==> flow/design.v <==
module sh_core_top (aclk, i_data, i_opb, i_sh, o_dout);
  parameter WIDTH = 20;
  localparam SEL_WIDTH = $clog2(WIDTH);
  input aclk;
  input [WIDTH-1:0] i_data;
  input [WIDTH-1:0] i_opb;
  input [SEL_WIDTH-1:0] i_sh;
  output reg [WIDTH-1:0] o_dout;
  wire [2*WIDTH-1:0] r;
  assign r = {i_opb, i_data} >> i_sh;
  always @(posedge aclk) begin
    o_dout <= r[WIDTH-1:0];
  end
endmodule
Tool chain data of sh_core_top
The steps from the RTL of sh_core_top to its reports follow in flow order.
Lines are those of the file above, counted from 1.
Operators carry their Yosys type and port widths (W data, S select, Z words).
Library cell names are shortened.
A cell with - has no value.
- top: sh_core_top
- clock: aclk
- library: sky130hd
- corner: tt_025C_1v80

Word level
Yosys after proc, flatten, opt, wreduce and memory -nomap, before mapping. Enables and synchronous resets that opt folds into registers are not counted as muxes. Memory bits, and registers merged into a memory's read port (data or address), are not among the register bits. Print and check cells are not counted. Equal cells are merged and count once.
- noted flip-flop bits (word level): 20
- output and inout port bits at 20
- cells after elaboration at 2
- input bits at 46
- shift operators: 1
- operators with widths (cell ; count):
    $shr A40 B5 Y20 ; 1

Longest topological paths
Depth = most cells in a row (Yosys ltp): at word level without a register or memory, in the mapped netlist without a sequential cell, where the memories' decode and read muxes count.
- depth after elaboration at 1
- ABC_AREA: 0
- gate-level depth with buffers at 8
- gate-level depth less buffers at 4

Netlist
The flow's flattened synthesis, as Yosys stat reports it; memories are mapped. The netlist is that of the ABC_AREA named above (0 if unset); the other value can give another one.
The area totals of this step are shown rounded.
- cell area after synthesis at 3100 sq um
- buffers: 29
- cell count at 291
- noted flip-flops: 20
- noted sequential area: 400 sq um
- cells by type (type ; count ; total area (sq um)):
    mux4_2 ; 43 ; 968.429
    dfxtp_1 ; 20 ; 400.384
    mux2_2 ; 35 ; 394.128
    mux2i_1 ; 20 ; 200.192
    a22oi_1 ; 16 ; 120.115
    nand2_1 ; 18 ; 67.565
    buf_2 ; 13 ; 65.062
    mux2_4 ; 4 ; 60.058
    nand3_1 ; 11 ; 55.053
    o211ai_1 ; 6 ; 45.043
    nor2b_1 ; 7 ; 43.792
    nor2_1 ; 10 ; 37.536
    a221oi_1 ; 4 ; 35.034
    a2bb2oi_1 ; 4 ; 35.034
    and2_1 ; 5 ; 31.28
    a222oi_1 ; 3 ; 30.029
    o21ai_0 ; 6 ; 30.029
    a211o_1 ; 3 ; 26.275
Not listed: further types 31, cells in them 63.

Timing after synthesis
Path of least setup slack by OpenSTA after synthesis, without wires, with an ideal clock, recovery checks aside; 20% of the period is set as input and as output delay. Where synthesis merged equal registers, the netlist keeps one of their names.
- kind: input to register
- from: in i_sh[0]
- to: reg o_dout[14]
- path delay at 1545 ps
- data arrival time at 1907 ps
- noted time at the first pin: 482 ps
- external input delay at 482 ps
- noted stages: 5
- noted path slack: 383 ps
- library setup time: 120 ps
- period: 2410 ps
- path buffers at 2
- noted required time: 2290 ps
- synthesis period reached at 2027 ps
"path delay" = arrival - input delay + setup time.
"stages": output pins that drive a net of the path, with the launching flip-flop's if there is one; two outputs of one cell count as two.
"synthesis period reached" is the clock period less the worst setup slack; recovery checks do not enter. This is arithmetic on one report: input and output delays are still those of the set period (20% each).
The rows between start and end are the longest chain of elaborated cells between them; the timing report does not say that the signal goes this way. Where chains are equally long, one stands for them.
A line is the first line of the expression or statement that the cell stems from. Yosys adds cells for indexed reads and writes and turns some case tables into memories.
- cells stage by stage: buf_6 > buf_2 > mux4_2 > mux2_2 > a211o_1
- cells in the longest elaborated chain at 1
- noted elaborated cells on any way between the ends: 1
- source lines of those cells: 1
- classes of those cells: shift (1)
- ends and longest elaborated chain, post-synthesis (item ; RTL line ; RTL):
    start, declared ; 7 ; input [SEL_WIDTH-1:0] i_sh;
    $shr A40 B5 Y20 ; 10 ; assign r = {i_opb, i_data} >> i_sh;
    end, assigned ; 12 ; o_dout <= r[WIDTH-1:0];
    end, declared ; 8 ; output reg [WIDTH-1:0] o_dout;

Worst path after layout
From the final timing report of flow run 1: the path of least setup slack in the routed layout; clock arrival at registers is part of the times.
The path's times are printed in steps of 10 ps; the period is the one set.
- kind: input to register
- from: in i_sh[4]
- to: reg o_dout[5]
- noted required time: 3640 ps
- path buffers at 1
- noted time at the first pin: 700 ps
- external input delay at 700 ps
- noted stages: 5
- period: 3500 ps
- library setup time: 130 ps
- data arrival time at 2710 ps
- noted path slack: 930 ps
The rows between start and end are the longest chain of elaborated cells between them; the timing report does not say that the signal goes this way. Where chains are equally long, one stands for them.
- cells stage by stage: clkdlybuf4s50_1 > nor2_1 > and3_1 > a2111oi_0 > o21ai_1
- cells in the longest elaborated chain at 1
- noted elaborated cells on any way between the ends: 1
- source lines of those cells: 1
- classes of those cells: shift (1)
- ends and longest elaborated chain, post-layout (item ; RTL line ; RTL):
    start, declared ; 7 ; input [SEL_WIDTH-1:0] i_sh;
    $shr A40 B5 Y20 ; 10 ; assign r = {i_opb, i_data} >> i_sh;
    end, assigned ; 12 ; o_dout <= r[WIDTH-1:0];
    end, declared ; 8 ; output reg [WIDTH-1:0] o_dout;

Appendix: measured runs

Stored flow runs of sh_core_top (3 of them; Yosys, OpenROAD, sky130hd). They differ in their settings and are not a sequence. Constraints: input delay and output delay 20% of the set period each, output load 0.01 pF.
Values from the reports are rounded here.

Flow run 1

==> flow/run.sh <==
#!/bin/bash
# the make line also repeats the synthesis and layout settings of config.mk as NAME=value (left out here)
make -C /OpenROAD-flow-scripts/flow DESIGN_CONFIG=/design/flow/config.mk WORK_HOME=/design/flow/orfs CLKGATE_MAP_FILE= finish
==> flow/config.mk <==
export PLATFORM = sky130hd
export DESIGN_NAME = sh_core_top
export DESIGN_NICKNAME = sh_core_top
export VERILOG_FILES = /design/flow/design.v
export SDC_FILE = /design/flow/constraint.sdc
export NUM_CORES = 4
export LEC_CHECK = 0
export CAP_MARGIN = 0
export CORE_ASPECT_RATIO = 1.1
export CORE_MARGIN = 8
export CORE_UTILIZATION = 68
export CTS_CLUSTER_DIAMETER = 373
export GPL_ROUTABILITY_DRIVEN = 1
export GPL_TIMING_DRIVEN = 1
export HOLD_SLACK_MARGIN = 0.26
export PLACE_DENSITY_LB_ADDON = 0.02
export SETUP_SLACK_MARGIN = 0.88
export SLEW_MARGIN = 10
==> flow/constraint.sdc <==
create_clock -name core_clock -period 3.5 [get_ports {aclk}]
set_input_delay 0.7000 -clock core_clock [delete_from_list [all_inputs] [get_ports {aclk}]]
set_output_delay 0.7000 -clock core_clock [all_outputs]
set_load 0.01 [all_outputs]

Measured in flow run 1:
- noted the chip area after synthesis (Yosys): 3100 sq um
- die outline area: 6900 sq um
- standard-cell area after layout at 3800 sq um
- utilization after layout at 88 %
- noted the setup slack of the worst path: 930 ps
- noted the sum of negative setup slack: 0 ps
- worst-case hold slack at 1100 ps

Flow run 2

==> flow/run.sh <==
#!/bin/bash
# the make line also repeats the synthesis and layout settings of config.mk as NAME=value (left out here)
make -C /OpenROAD-flow-scripts/flow DESIGN_CONFIG=/design/flow/config.mk WORK_HOME=/design/flow/orfs CLKGATE_MAP_FILE= finish
==> flow/config.mk <==
export PLATFORM = sky130hd
export DESIGN_NAME = sh_core_top
export DESIGN_NICKNAME = sh_core_top
export VERILOG_FILES = /design/flow/design.v
export SDC_FILE = /design/flow/constraint.sdc
export NUM_CORES = 4
export LEC_CHECK = 0
export CAP_MARGIN = 20
export CORE_MARGIN = 2
export CORE_UTILIZATION = 40
export SLEW_MARGIN = 20
==> flow/constraint.sdc <==
create_clock -name core_clock -period 2.41 [get_ports {aclk}]
set_input_delay 0.4820 -clock core_clock [delete_from_list [all_inputs] [get_ports {aclk}]]
set_output_delay 0.4820 -clock core_clock [all_outputs]
set_load 0.01 [all_outputs]

Measured in flow run 2:
- noted the chip area after synthesis (Yosys): 3100 sq um
- die outline area: 8400 sq um
- standard-cell area after layout at 4100 sq um
- utilization after layout at 56 %
- noted the setup slack of the worst path: 220 ps
- noted the sum of negative setup slack: 0 ps
- worst-case hold slack at 820 ps

Flow run 3

==> flow/run.sh <==
#!/bin/bash
# the make line also repeats the synthesis and layout settings of config.mk as NAME=value (left out here)
make -C /OpenROAD-flow-scripts/flow DESIGN_CONFIG=/design/flow/config.mk WORK_HOME=/design/flow/orfs CLKGATE_MAP_FILE= finish
==> flow/config.mk <==
export PLATFORM = sky130hd
export DESIGN_NAME = sh_core_top
export DESIGN_NICKNAME = sh_core_top
export VERILOG_FILES = /design/flow/design.v
export SDC_FILE = /design/flow/constraint.sdc
export NUM_CORES = 4
export LEC_CHECK = 0
export ABC_AREA = 1
export CAP_MARGIN = 20
export CELL_PAD_IN_SITES_DETAIL_PLACEMENT = 2
export CORE_ASPECT_RATIO = 1.1
export CORE_MARGIN = 2
export CORE_UTILIZATION = 40
export MAX_ROUTING_LAYER = met4
export PLACE_DENSITY = 0.82
export SETUP_SLACK_MARGIN = 0.48
export SLEW_MARGIN = 20
==> flow/constraint.sdc <==
create_clock -name core_clock -period 3.22 [get_ports {aclk}]
set_input_delay 0.6440 -clock core_clock [delete_from_list [all_inputs] [get_ports {aclk}]]
set_output_delay 0.6440 -clock core_clock [all_outputs]
set_load 0.01 [all_outputs]

Flow run 3: did not finish, placement stopped with DPL-0033.
